==> flow/design.v <==
module mplex_top #(
   parameter BITS = 32,
   parameter NUM = 7,
   parameter LOGN = $clog2(NUM)
) (
   input i_clk,
   input RSTN,
   input [NUM*BITS-1:0] ch_i,
   input [LOGN-1:0] sel_i,
   output [BITS-1:0] y_o
);
   reg [NUM*BITS-1:0] ch_ff;
   reg [LOGN-1:0] sel_ff;
   always @(posedge i_clk) begin
      if (~RSTN) begin
         ch_ff <= 0;
         sel_ff <= 0;
      end else begin
         ch_ff <= ch_i;
         sel_ff <= sel_i;
      end
   end
   reg [BITS-1:0] tmp;
   integer idx;
   always @* begin
      tmp = 0;
      for (idx = 0; idx < NUM; idx = idx + 1)
         if (sel_ff == idx) tmp = ch_ff[idx*BITS +: BITS];
   end
   assign y_o = tmp;
endmodule
== Step by step through the tools: mplex_top ==
What the tools print for mplex_top, step after step.
Lines are those of the file above, counted from 1.
Cell names lack the library's common part.
The mark n/a stands for no value.

* Top: mplex_top
* Clock input: i_clk
* Library: sky130hd
* Corner: tt_025C_1v80

== Word level ==
Yosys after proc, flatten, opt, wreduce and memory -nomap, before mapping. Enables and synchronous resets that opt folds into registers are not counted as muxes. Memory bits, and registers merged into a memory's read port (data or address), are not among the register bits. Print and check cells are not counted. Equal cells are merged and count once.

* Input bits: 229
* Register bits: 227
* Elaborated cells: 16

* Multiplexer cells: 7
* Equality and inequality tests: 6
* Reduce/logical cells: 1

{| class="wikitable"
|+ Operators by type and width
! kind !! count
|-
| two-way mux 32 bit || 7
|-
| equality test 3 bit (second input constant) || 3
|-
| equality test 3 x 2 -> 1 bit (second input constant) || 2
|-
| equality test 3 x 1 -> 1 bit (second input constant) || 1
|-
| logical NOT 3 bit || 1
|}

== Longest topological paths ==
Longest topological path by Yosys (ltp), each cell counted once; first at word level (registers and memories cut), then after technology mapping (sequential cells cut; the memories' decode and read muxes count).

* Depth in word-level cells: 8
* ABC_AREA: 1
* Depth in mapped cells: 7

== Synthesis result ==
Source: synth_stat.txt of the flow (Yosys; design flattened, memories mapped). It holds for the ABC_AREA given above (unset counts as 0); a run with the other value may have another netlist.
The area totals of this step are shown rounded.

{| class="wikitable"
|+ Cell types
! cell type !! count
|-
| dfxtp_1 || 227
|-
| nand2_1 || 323
|-
| nand4_1 || 96
|-
| inv_1 || 159
|-
| inv_2 || 101
|-
| nand3_1 || 65
|-
| nor2_1 || 64
|-
| buf_2 || 28
|-
| buf_6 || 8
|-
| clkbuf_1 || 20
|-
| nor3_4 || 3
|-
| buf_1 || 7
|-
| inv_4 || 2
|-
| buf_4 || 1
|-
| nor2_2 || 1
|}

* Buffer cells: 64
* Sequential part of the area: 4544 um^2
* Cell area after synthesis: 8305 um^2
* Cell count: 1105
* Flip-flop cells: 227

== Timing after synthesis ==
Source: OpenSTA report_checks on the synthesized netlist (no wires, ideal clock, input and output delay 20% of the period each), path of least setup slack; recovery checks are left aside. Register names are those of the netlist, which keeps one name where synthesis merged equal registers.

* Path type: reg-to-output
* Start point: reg sel_ff[0]
* End point: out y_o[23]
* Data arrival time: 1.107 ns
* Path buffers: 2
* Slack: 0.381 ns
* Clock period: 1.86 ns
* Path delay: 1.107 ns
* Stages on the path: 7
* Time at the first pin: 0.000 ns
* Synthesis period reached: 1.479 ns

"path delay" is the arrival time less input delay plus setup time.
A path that ends at an output port has no setup time.
"stages on the path" counts driving pins, that of a launching flip-flop among them; a cell with two outputs on the path counts twice.
"synthesis period reached" = period - worst setup slack (recovery checks aside). The figure is calculated, with input and output delays left at 20% of the set period.
The rows between start and end are the longest chain of elaborated cells between them; the timing report does not say that the signal goes this way. Where chains are equally long, one stands for them.
A line is the first line of the expression or statement that the cell stems from. Yosys adds cells for indexed reads and writes and turns some case tables into memories.

* Cell sequence: dfxtp_1 > buf_6 > inv_2 > nor3_4 > buf_6 > nand2_1 > nand4_1
* Cells in the longest elaborated chain: 8

{| class="wikitable"
|+ Ends and longest elaborated chain, post-synthesis
! what !! RTL line !! source
|-
| start: declaration || 13 || <nowiki>reg [LOGN-1:0] sel_ff;</nowiki>
|-
| start: assignment || 17 || <nowiki>sel_ff <= 0;</nowiki>
|-
| start: assignment || 20 || <nowiki>sel_ff <= sel_i;</nowiki>
|-
| logical NOT 3 bit || 28 || <nowiki>if (sel_ff == idx) tmp = ch_ff[idx*BITS +: BITS];</nowiki>
|-
| two-way mux 32 bit (7 in a row) || 28 ||
|-
| end: declaration || 10 || <nowiki>output [BITS-1:0] y_o</nowiki>
|}

== Timing after layout ==
Path of least setup slack in the final report of flow run 2 (OpenROAD, finished layout, wires in). Where an end is a register, its clock arrival counts in the times.

* Path type: reg-to-output
* Start point: reg sel_ff[2]
* End point: out y_o[12]
* Path buffers: 4
* Clock period: 1.32 ns
* Slack: -0.83 ns
* Data arrival time: 1.88 ns
* Stages on the path: 9
* Time at the first pin: 0.53 ns

The rows between start and end are the longest chain of elaborated cells between them; the timing report does not say that the signal goes this way. Where chains are equally long, one stands for them.

* Cell sequence: dfxtp_2 > inv_4 > buf_12 > nor3_4 > buf_6 > buf_12 > nand2_1 > nand4_1 > buf_2
* Cells in the longest elaborated chain: 8

{| class="wikitable"
|+ Ends and longest elaborated chain, post-layout
! what !! RTL line !! source
|-
| start: declaration || 13 || <nowiki>reg [LOGN-1:0] sel_ff;</nowiki>
|-
| start: assignment || 17 || <nowiki>sel_ff <= 0;</nowiki>
|-
| start: assignment || 20 || <nowiki>sel_ff <= sel_i;</nowiki>
|-
| logical NOT 3 bit || 28 || <nowiki>if (sel_ff == idx) tmp = ch_ff[idx*BITS +: BITS];</nowiki>
|-
| two-way mux 32 bit (7 in a row) || 28 ||
|-
| end: declaration || 10 || <nowiki>output [BITS-1:0] y_o</nowiki>
|}

==> results <==
Top module mplex_top; platform sky130hd; tools Yosys and OpenROAD; 3 stored runs in no particular order. Input and output delays are each 20% of the period that was set; the output load is 0.01 pF.
"reached clock period" = clock period - worst setup slack. The figure is calculated, with input and output delays left at 20% of the set period.
"critical path time" means the part of the period allowed to the worst setup path (the constraints hold back 20% at inputs and 20% at outputs) less its slack; where the path has registers, the arrival times of their clocks count too.
"overall power" is the tool's figure for a default switching activity; nothing was simulated.
The measured numbers are rounded.

=== Flow run 1 ===
{| class="wikitable"
! Setting !! Value
|-
| period_ns || 1.89
|-
| CORE_UTILIZATION || 44
|-
| SETUP_SLACK_MARGIN || 0.01
|-
| PLACE_DENSITY || 0.84
|-
| CORE_MARGIN || 5
|-
| CELL_PAD_IN_SITES_DETAIL_PLACEMENT || 2
|-
| TNS_END_PERCENT || 60
|-
| GPL_ROUTABILITY_DRIVEN || 0
|-
| CTS_CLUSTER_SIZE || 43
|-
| SLEW_MARGIN || 20
|-
| CAP_MARGIN || 20
|}
Stopped before the end: placement reported DPL-0033.

=== Flow run 2 ===
{| class="wikitable"
! Setting !! Value
|-
| period_ns || 1.32
|-
| CORE_UTILIZATION || 23
|-
| PLACE_DENSITY || 0.38
|-
| CORE_MARGIN || 2
|-
| CELL_PAD_IN_SITES_GLOBAL_PLACEMENT || 0
|-
| ABC_AREA || 1
|-
| GPL_TIMING_DRIVEN || 1
|-
| CTS_CLUSTER_SIZE || 61
|-
| CAP_MARGIN || 10
|-
| MAX_ROUTING_LAYER || met4
|-
| SLEW_MARGIN || 20
|-
! Result !! Value
|-
| Critical path time || 1.88 ns
|-
| Type of the worst setup path || reg-to-output
|-
| Reached clock period || 2.148 ns
|-
| Overall power || 17530 µW
|-
| Utilization of the finished layout || 36.2%
|-
| Die outline area || 37650 um^2
|-
| Lowest setup slack || -0.828 ns
|-
| Post-route setup TNS || -25.32 ns
|-
| Area of the synthesized netlist || 8305 um^2
|-
| Area of the standard cells in the finished layout || 12860 um^2
|-
| Smallest hold slack || 0.033 ns
|}

=== Flow run 3 ===
{| class="wikitable"
! Setting !! Value
|-
| period_ns || 1.86
|-
| CAP_MARGIN || 20
|-
| CORE_MARGIN || 2
|-
| CORE_UTILIZATION || 40
|-
| SLEW_MARGIN || 20
|-
! Result !! Value
|-
| Critical path time || 2.11 ns
|-
| Type of the worst setup path || reg-to-output
|-
| Reached clock period || 2.480 ns
|-
| Overall power || 12460 µW
|-
| Utilization of the finished layout || 66.7%
|-
| Die outline area || 22480 um^2
|-
| Lowest setup slack || -0.620 ns
|-
| Post-route setup TNS || -17.23 ns
|-
| Area of the synthesized netlist || 8517 um^2
|-
| Area of the standard cells in the finished layout || 13970 um^2
|-
| Smallest hold slack || 0.370 ns
|}
